==> flow/design.v <==
module u_registers_top #(
    parameter DEPTH = 12,
    parameter DW = 40,
    parameter AW = $clog2(DEPTH),
    parameter SLICES = DW / 8
) (
    input wire clk,
    input wire clk_en,
    input wire [SLICES-1:0] in_mask,
    input wire [AW-1:0] in_wr_addr,
    input wire [DW-1:0] in_d,
    input wire [AW-1:0] in_raddr,
    output reg [DW-1:0] out_rdata
);
    reg [SLICES-1:0] mask_s;
    reg [AW-1:0] wr_addr_s;
    reg [DW-1:0] d_s;
    reg [DW-1:0] gpr [0:DEPTH-1];
    integer n;
    always @(posedge clk) begin
        for (n = 0; n < SLICES; n = n + 1)
            if (clk_en && mask_s[n]) gpr[wr_addr_s][8*n +: 8] <= d_s[8*n +: 8];
    end
    reg [AW-1:0] raddr_s;
    always @(posedge clk) begin
        if (clk_en) begin
            mask_s <= in_mask;
            wr_addr_s <= in_wr_addr;
            d_s <= in_d;
            raddr_s <= in_raddr;
            out_rdata <= gpr[raddr_s];
        end
    end
endmodule
== Step by step through the tools: u_registers_top ==
The steps from the RTL of u_registers_top to its reports follow in flow order.
Lines are those of the file above, counted from 1.
Cell names lack the library's common part.
A cell with -- has no value.

* Design top: u_registers_top
* Clock port: clk
* Library: sky130hd
* Corner: tt_025C_1v80

== Elaborated design ==
Source: Yosys, flattened and elaborated, memories not mapped. Widths are those after wreduce. Registers that Yosys merges into a memory's read port (data or address) are not register bits. Print and check cells do not count. Equal cells are merged and count once.
Memory sizes are those after Yosys's memory passes, which may raise the word count (mostly to a power of two), join words into wider ones and drop unused or constant bits.

* RAM bits: 480
* Memories: 1
* Flip-flop bits (word level): 53
* Word width x clocked read ports: 40
* Output and inout port bits: 40

* Reduce/logical cells: 5
* Muxes and demuxes: 10

{| class="wikitable"
|+ Memories
! memory !! words !! width !! read ports !! wr ports !! line !! source
|-
| gpr || 12 || 40 || 1 || 1 || 18 || <nowiki>reg [DW-1:0] gpr [0:DEPTH-1];</nowiki>
|}

{| class="wikitable"
|+ Operators by type and width
! operator !! count
|-
| 40-bit 2-to-1 mux || 5
|-
| 1-bit logical AND || 5
|-
| 1-bit 2-to-1 mux || 5
|}

== Longest topological paths ==
Yosys ltp: most cells in a row. Word level: on the elaborated netlist, between registers, memories and ports. Mapped: between sequential cells and ports; inverters and the memories' decode and read muxes count.

* Word-level depth: 2
* ABC_AREA: 0
* Gate-level depth with buffers: 6
* Depth with buffers taken out: 3

== Netlist ==
Source: synth_stat.txt of the flow (Yosys; design flattened, memories mapped). It holds for the ABC_AREA given above (unset counts as 0); a run with the other value may have another netlist.
The area totals of this step are shown rounded.

{| class="wikitable"
|+ Cells by type
! type !! count
|-
| edfxtp_1 || 573
|-
| mux4_2 || 80
|-
| mux2i_1 || 80
|-
| o221ai_2 || 20
|-
| a22oi_2 || 20
|-
| nor2_1 || 63
|-
| o221ai_1 || 20
|-
| a22oi_1 || 20
|-
| clkbuf_1 || 26
|-
| buf_12 || 3
|-
| nand2_1 || 15
|-
| buf_2 || 10
|-
| buf_6 || 3
|-
| nor2b_1 || 5
|-
| buf_4 || 3
|-
| nand3_1 || 3
|-
| buf_1 || 3
|-
| nand2b_1 || 1
|}

* Standard cells after synthesis: 948
* Flip-flops: 573
* Area of sequential cells: 17200 um^2
* Buffer cells: 48
* Cell area after synthesis: 21300 um^2

== Path before layout ==
OpenSTA on the mapped netlist: ideal clock, no wires. The path of least setup slack (recovery checks aside). Input and output delay are each 20% of the period. Register names are those of the netlist, which keeps one name where synthesis merged equal registers.

* Path type: register to register
* From: reg raddr_s[0]
* To: reg out_rdata[19]
* Driving pins on the path: 6
* Path buffers: 2
* Path delay: 1.743 ns
* Launch time at the first pin: 0.000 ns
* Arrival: 1.463 ns
* Period: 2.18 ns
* Required time: 1.900 ns
* Slack: 0.436 ns
* Synthesis period reached: 1.744 ns

"path delay" is the arrival time less input delay plus setup time.
"driving pins on the path": output pins that drive a net of the path, with the launching flip-flop's if there is one; two outputs of one cell count as two.
"synthesis period reached" is the clock period less the worst setup slack; recovery checks do not enter. This is arithmetic on one report: input and output delays are still those of the set period (20% each).

* Cell sequence: edfxtp_1 -> buf_6 -> buf_4 -> mux4_2 -> a22oi_2 -> o221ai_2

{| class="wikitable"
|+ RTL lines, path after synthesis
! item !! line !! source
|-
| start: declaration || 24 || <nowiki>reg [AW-1:0] raddr_s;</nowiki>
|-
| start: assignment || 30 || <nowiki>raddr_s <= in_raddr;</nowiki>
|-
| end: declaration || 13 || <nowiki>output reg [DW-1:0] out_rdata</nowiki>
|}

No chain of elaborated cells between the ends is given.

== Timing after layout ==
From the final timing report of flow run B: the path of least setup slack in the routed layout; clock arrival at registers is part of the times.

* Path type: register to register
* From: reg raddr_s[0]
* To: reg out_rdata[5]
* Period: 1.49 ns
* Arrival: 2.29 ns
* Driving pins on the path: 7
* Required time: 1.80 ns
* Launch time at the first pin: 0.59 ns
* Path buffers: 3
* Slack: -0.49 ns

* Cell sequence: edfxtp_1 -> buf_12 -> buf_12 -> buf_4 -> mux4_2 -> a22oi_2 -> o221ai_1

{| class="wikitable"
|+ RTL lines, path after layout
! item !! line !! source
|-
| start: declaration || 24 || <nowiki>reg [AW-1:0] raddr_s;</nowiki>
|-
| start: assignment || 30 || <nowiki>raddr_s <= in_raddr;</nowiki>
|-
| end: declaration || 13 || <nowiki>output reg [DW-1:0] out_rdata</nowiki>
|}

No chain of elaborated cells between the ends is given.

Data sheet: physical implementation of u_registers_top

Design u_registers_top on sky130hd. What follows are 3 stored runs of the flow, each under its own settings; their order means nothing. The constraints put input and output delay at 20% of the set period each and load the outputs with 0.01 pF.
"achieved period" is the run's clock period less its worst setup slack. It is reckoned from that one timing run; input and output delays stay at 20% of the period that was set.
"allowed time less slack (worst setup path)" = time allowed to the worst setup path (clock period - input delay - output delay, where it has them) - its slack; a late launch clock adds to it, a late capture clock takes from it.
By "power consumption" is meant OpenSTA's value without simulated activity: inputs other than the clock are taken to toggle once in ten clock periods, and the tool carries that through the logic.
Results are given in rounded form.

=== Flow run A ===
{| class="wikitable"
! Setting !! Value
|-
| period_ns || 2.31
|-
| CORE_UTILIZATION || 70
|-
| PLACE_DENSITY_LB_ADDON || 0.21
|-
| CELL_PAD_IN_SITES_GLOBAL_PLACEMENT || 2
|-
| CELL_PAD_IN_SITES_DETAIL_PLACEMENT || 1
|-
| GPL_ROUTABILITY_DRIVEN || 1
|-
| CTS_CLUSTER_DIAMETER || 82
|-
| MAX_ROUTING_LAYER || met4
|-
| CAP_MARGIN || 20
|-
| CORE_MARGIN || 2
|-
| SLEW_MARGIN || 20
|}
Stopped before the end: clock tree synthesis reported DPL-0033.

=== Flow run B ===
{| class="wikitable"
! Setting !! Value
|-
| period_ns || 1.49
|-
| CORE_UTILIZATION || 23
|-
| SETUP_SLACK_MARGIN || 0.29
|-
| PLACE_DENSITY_LB_ADDON || 0.16
|-
| CORE_ASPECT_RATIO || 0.98
|-
| CELL_PAD_IN_SITES_DETAIL_PLACEMENT || 1
|-
| ABC_AREA || 0
|-
| GPL_ROUTABILITY_DRIVEN || 1
|-
| CTS_CLUSTER_SIZE || 12
|-
| MIN_ROUTING_LAYER || met1
|-
| MAX_ROUTING_LAYER || met4
|-
| CAP_MARGIN || 20
|-
| CORE_MARGIN || 2
|-
| SLEW_MARGIN || 20
|-
! Result !! Value
|-
| Synthesized cell area || 21300 um^2
|-
| Overall die area || 95100 um^2
|-
| Standard-cell area after routing || 29000 um^2
|-
| Utilization in the final report || 31.5 %
|-
| Worst setup slack after layout || -0.493 ns
|-
| Sum of negative setup slack || -54.2 ns
|-
| Worst hold slack || 0.254 ns
|-
| Power consumption || 36.1 mW
|-
| Achieved period || 1.983 ns
|-
| Allowed time less slack (worst setup path) || 1.98 ns
|-
| Worst path kind || register to register
|}

=== Flow run C ===
{| class="wikitable"
! Setting !! Value
|-
| period_ns || 2.18
|-
| CAP_MARGIN || 20
|-
| CORE_MARGIN || 2
|-
| CORE_UTILIZATION || 40
|-
| SLEW_MARGIN || 20
|-
! Result !! Value
|-
| Synthesized cell area || 21300 um^2
|-
| Overall die area || 55100 um^2
|-
| Standard-cell area after routing || 25600 um^2
|-
| Utilization in the final report || 48.6 %
|-
| Worst setup slack after layout || 0.091 ns
|-
| Sum of negative setup slack || 0.000 ns
|-
| Worst hold slack || 0.233 ns
|-
| Power consumption || 23.8 mW
|-
| Achieved period || 2.089 ns
|-
| Allowed time less slack (worst setup path) || 2.09 ns
|-
| Worst path kind || register to register
|}
